==> flow/design.v <==
module u_addsub_v2 #(
   parameter int DATA_WIDTH = 28
) (
   input logic clk_i,
   input logic rst_ni,
   input logic [DATA_WIDTH-1:0] u,
   input logic [DATA_WIDTH-1:0] v,
   input logic do_sub,
   output logic [DATA_WIDTH-1:0] result,
   output logic cout
);
   logic [DATA_WIDTH-1:0] u_d1;
   always_ff @(posedge clk_i or negedge rst_ni) begin
      if (~rst_ni) begin
         u_d1 <= '0;
      end else begin
         u_d1 <= u;
      end
   end
   logic [DATA_WIDTH-1:0] v_d1;
   always_ff @(posedge clk_i or negedge rst_ni) begin
      if (~rst_ni) begin
         v_d1 <= '0;
      end else begin
         v_d1 <= v;
      end
   end
   logic do_sub_d1;
   always_ff @(posedge clk_i or negedge rst_ni) begin
      if (~rst_ni) begin
         do_sub_d1 <= 1'b0;
      end else begin
         do_sub_d1 <= do_sub;
      end
   end
   logic [DATA_WIDTH-1:0] mid;
   assign mid = v_d1 ^ {DATA_WIDTH{do_sub_d1}};
   logic [DATA_WIDTH:0] r;
   assign r = u_d1 + mid + do_sub_d1;
   assign result = r[DATA_WIDTH-1:0];
   assign cout = r[DATA_WIDTH];
endmodule
======== Reports on u_addsub_v2 ========
Tool output for the design above, in the order of the flow.
Line numbers count from 1 in the design file above.
Operators carry their Yosys type and port widths (W data, S select, Z words).
Library cell names are shortened.
A cell with -- has no value.
design
  top module .............................. u_addsub_v2
  clock ................................... clk_i
  cell library ............................ sky130hd
  corner .................................. tt_025C_1v80

======== After elaboration ========
Counts by Yosys on the flattened word-level netlist (proc, flatten, opt, wreduce; memories kept). Register bits leave out memories and registers merged into their read ports (data or address); mux counts leave out enables and synchronous resets folded into registers. Print and check cells are left out. Cells with the same type and inputs are merged into one.
operators by class
  reductions and logical operators ........ 0
  multiplexer cells ....................... 0
  magnitude comparators ................... 0
  eq/ne operators ......................... 0
  divide/modulo/power cells ............... 0
  multiply operators ...................... 0
  $add $sub $neg .......................... 2
  shifts and indexed selects .............. 0
  bitwise operators ....................... 1
operators by type and width
  cell              count
  $add A28 B28 Y29  1
  $add A29 B1 Y29   1
  $xor A28 B28 Y28  1
word-level totals
  RAM bits ................................ 0
  register bits after elaboration ......... 57
  latch bits .............................. 0
  output and inout port bits .............. 29
  word width x clocked read ports ......... 0
  memories kept ........................... 0
  memory bits (read-only) ................. 0

======== Longest topological paths ========
Longest topological path by Yosys (ltp), each cell counted once; first at word level (registers and memories cut), then after technology mapping (sequential cells cut; the memories' decode and read muxes count).
depth
  word-level depth ........................ 3
  ABC_AREA ................................ 0
  mapped depth ............................ 11

======== Mapped cells and area ========
Source: synth_stat.txt of the flow (Yosys; design flattened, memories mapped). It holds for the ABC_AREA given above (unset counts as 0); a run with the other value may have another netlist.
cell types
  cell type  count  area in all (µm²)
  dfrtp_1    57     1.43E+03
  ha_1       29     362.848
  xor2_1     34     297.786
  xnor2_1    17     148.893
  a21oi_1    24     120.115
  nand2_1    27     101.347
  a21o_1     10     75.072
  nor2_1     19     71.318
  o21ai_0    12     60.058
  o211ai_1   5      37.536
  o21a_1     5      37.536
  buf_6      3      33.782
  nand4_1    5      31.28
  inv_1      8      30.029
  nor3_1     6      30.029
  o21bai_1   4      30.029
  nand3_1    5      25.024
  o31ai_2    2      25.024
Not listed: further types 35, cells in them 50.
synthesis totals
  mapped cells ............................ 322
  area of sequential cells ................ 1426.4 µm²
  flip-flop cells ......................... 57
  synthesis area .......................... 3367.0 µm²

======== Worst setup path after synthesis ========
Path of least setup slack by OpenSTA after synthesis, without wires, with an ideal clock, recovery checks aside; 20% of the period is set as input and as output delay. Where synthesis merged equal registers, the netlist keeps one of their names.
path after synthesis
  path kind ............................... register to output
  start ................................... register do_sub_d1
  end ..................................... output port result[20]
  data arrival time ....................... 2.624 ns
  required time ........................... 3.280 ns
  setup slack ............................. 0.656 ns
  external output delay ................... 0.820 ns
  stages .................................. 11
  path delay .............................. 2.624 ns
  period .................................. 4.1 ns
  period reached after synthesis .......... 3.444 ns
"path delay" is the arrival time less input delay plus setup time.
A path that ends at an output port has no setup time.
"stages": output pins that drive a net of the path, with the launching flip-flop's if there is one; two outputs of one cell count as two.
"period reached after synthesis" is the clock period less the worst setup slack; recovery checks do not enter. This is arithmetic on one report: input and output delays are still those of the set period (20% each).
Between the ends stands the longest chain of elaborated cells between them, by number of cells; it is not shown to be the way that was timed. Of several equally long chains one is given.
Each line given opens the expression or statement behind the cell; cells for indexed reads and writes are added by Yosys, which also makes memories of some case tables.
between the ends, after synthesis
  cells stage by stage .................... dfrtp_1 buf_6 buf_1 xor2_1 ha_1 and3_1 o21ai_1 a31oi_1 o21ai_1 o211a_1 a311oi_1
  length of the longest elaborated chain .. 3
  elaborated cells on any way between the ends .. 3
  RTL lines with such cells ............... 2
  those cells by class .................... 2 x add/sub; 1 x logic
ends and longest elaborated chain, after synthesis
  element           line  RTL
  start, declared   28    logic do_sub_d1;
  start, assigned   31    do_sub_d1 <= 1'b0;
  start, assigned   33    do_sub_d1 <= do_sub;
  $xor A28 B28 Y28  37    assign mid = v_d1 ^ {DATA_WIDTH{do_sub_d1}};
  $add A28 B28 Y29  39    assign r = u_d1 + mid + do_sub_d1;
  $add A29 B1 Y29   39
  end, declared     9     output logic [DATA_WIDTH-1:0] result,

======== Path in the finished layout ========
Path of least setup slack in the final report of run A (OpenROAD, finished layout, wires in). Where an end is a register, its clock arrival counts in the times.
path post-layout
  path kind ............................... register to output
  start ................................... register do_sub_d1
  end ..................................... output port result[20]
  setup slack ............................. 0.47 ns
  period .................................. 5.67 ns
  stages .................................. 11
  data arrival time ....................... 4.06 ns
  required time ........................... 4.54 ns
  external output delay ................... 1.13 ns
Between the ends stands the longest chain of elaborated cells between them, by number of cells; it is not shown to be the way that was timed. Of several equally long chains one is given.
between the ends, post-layout
  cells stage by stage .................... dfrtp_1 xor2_1 inv_1 fa_1 nor2b_1 o21ai_1 a31oi_1 o21ai_1 o211a_1 a311oi_1 clkdlybuf4s50_1
  length of the longest elaborated chain .. 3
  elaborated cells on any way between the ends .. 3
  RTL lines with such cells ............... 2
  those cells by class .................... 2 x add/sub; 1 x logic
ends and longest elaborated chain, post-layout
  element           line  RTL
  start, declared   28    logic do_sub_d1;
  start, assigned   31    do_sub_d1 <= 1'b0;
  start, assigned   33    do_sub_d1 <= do_sub;
  $xor A28 B28 Y28  37    assign mid = v_d1 ^ {DATA_WIDTH{do_sub_d1}};
  $add A28 B28 Y29  39    assign r = u_d1 + mid + do_sub_d1;
  $add A29 B1 Y29   39
  end, declared     9     output logic [DATA_WIDTH-1:0] result,

Memo
Re: implementation data of u_addsub_v2

Below are 3 stored runs of the flow (Yosys, OpenROAD; platform sky130hd) on u_addsub_v2, each with its settings and what was measured, unordered. Constraints: input delay and output delay 20% of the set period each, output load 0.01 pF.
"achieved clock period (ns)" means the clock period less the worst setup slack. The figure is calculated, with input and output delays left at 20% of the set period.
"worst setup path time (ns)" is the time allowed to the run's worst setup path (the clock period less input and output delay, where it has them) less its slack. Clock arrival times count: a late capture clock shortens it, a late launch clock lengthens it.
By "finish__power__total" is meant OpenSTA's value without simulated activity: inputs other than the clock are taken to toggle once in ten clock periods, and the tool carries that through the logic.

Flow files of run A
==> flow/run.sh <==
#!/bin/bash
# the make line also repeats the synthesis and layout settings of config.mk as NAME=value (left out here)
make -C /OpenROAD-flow-scripts/flow DESIGN_CONFIG=/design/flow/config.mk WORK_HOME=/design/flow/orfs CLKGATE_MAP_FILE= finish
==> flow/config.mk <==
export PLATFORM = sky130hd
export DESIGN_NAME = u_addsub_v2
export DESIGN_NICKNAME = u_addsub_v2
export VERILOG_FILES = /design/flow/design.v
export SDC_FILE = /design/flow/constraint.sdc
export NUM_CORES = 4
export LEC_CHECK = 0
export CAP_MARGIN = 20
export CORE_ASPECT_RATIO = 1.06
export CORE_MARGIN = 2
export CORE_UTILIZATION = 36
export CTS_CLUSTER_DIAMETER = 288
export GPL_ROUTABILITY_DRIVEN = 1
export GPL_TIMING_DRIVEN = 1
export PLACE_DENSITY = 0.79
export SETUP_SLACK_MARGIN = -0.34
export SLEW_MARGIN = 20
==> flow/constraint.sdc <==
create_clock -name core_clock -period 5.67 [get_ports {clk_i}]
set_input_delay 1.1340 -clock core_clock [delete_from_list [all_inputs] [get_ports {clk_i}]]
set_output_delay 1.1340 -clock core_clock [all_outputs]
set_load 0.01 [all_outputs]

report of run A
yosys chip area after synthesis (um^2): 3367.0
finish__design__die__area: 10142.6
finish__design__instance__area__stdcell: 4525.6
finish__design__instance__utilization: 0.4949
finish__timing__setup__ws: 0.473
finish__timing__setup__tns: 0.000
finish__timing__hold__ws: 0.907
finish__power__total: 1.353e-03
achieved clock period (ns): 5.197
worst setup path time (ns): 4.06
worst setup path kind: register to output

Flow files of run B
==> flow/run.sh <==
#!/bin/bash
# the make line also repeats the synthesis and layout settings of config.mk as NAME=value (left out here)
make -C /OpenROAD-flow-scripts/flow DESIGN_CONFIG=/design/flow/config.mk WORK_HOME=/design/flow/orfs CLKGATE_MAP_FILE= finish
==> flow/config.mk <==
export PLATFORM = sky130hd
export DESIGN_NAME = u_addsub_v2
export DESIGN_NICKNAME = u_addsub_v2
export VERILOG_FILES = /design/flow/design.v
export SDC_FILE = /design/flow/constraint.sdc
export NUM_CORES = 4
export LEC_CHECK = 0
export CAP_MARGIN = 20
export CORE_MARGIN = 2
export CORE_UTILIZATION = 40
export SLEW_MARGIN = 20
==> flow/constraint.sdc <==
create_clock -name core_clock -period 4.1 [get_ports {clk_i}]
set_input_delay 0.8200 -clock core_clock [delete_from_list [all_inputs] [get_ports {clk_i}]]
set_output_delay 0.8200 -clock core_clock [all_outputs]
set_load 0.01 [all_outputs]

report of run B
yosys chip area after synthesis (um^2): 3367.0
finish__design__die__area: 9167.1
finish__design__instance__area__stdcell: 4784.6
finish__design__instance__utilization: 0.5852
finish__timing__setup__ws: 0.131
finish__timing__setup__tns: 0.000
finish__timing__hold__ws: 0.588
finish__power__total: 1.985e-03
achieved clock period (ns): 3.969
worst setup path time (ns): 3.15
worst setup path kind: register to output

Flow files of run C
==> flow/run.sh <==
#!/bin/bash
# the make line also repeats the synthesis and layout settings of config.mk as NAME=value (left out here)
make -C /OpenROAD-flow-scripts/flow DESIGN_CONFIG=/design/flow/config.mk WORK_HOME=/design/flow/orfs CLKGATE_MAP_FILE= finish
==> flow/config.mk <==
export PLATFORM = sky130hd
export DESIGN_NAME = u_addsub_v2
export DESIGN_NICKNAME = u_addsub_v2
export VERILOG_FILES = /design/flow/design.v
export SDC_FILE = /design/flow/constraint.sdc
export NUM_CORES = 4
export LEC_CHECK = 0
export CAP_MARGIN = 20
export CELL_PAD_IN_SITES_DETAIL_PLACEMENT = 1
export CELL_PAD_IN_SITES_GLOBAL_PLACEMENT = 0
export CORE_ASPECT_RATIO = 0.54
export CORE_MARGIN = 3
export CORE_UTILIZATION = 53
export CTS_CLUSTER_SIZE = 14
export GPL_ROUTABILITY_DRIVEN = 1
export HOLD_SLACK_MARGIN = 0.18
export SLEW_MARGIN = 20
==> flow/constraint.sdc <==
create_clock -name core_clock -period 2.85 [get_ports {clk_i}]
set_input_delay 0.5700 -clock core_clock [delete_from_list [all_inputs] [get_ports {clk_i}]]
set_output_delay 0.5700 -clock core_clock [all_outputs]
set_load 0.01 [all_outputs]

report of run C: did not finish, place, DPL-0033
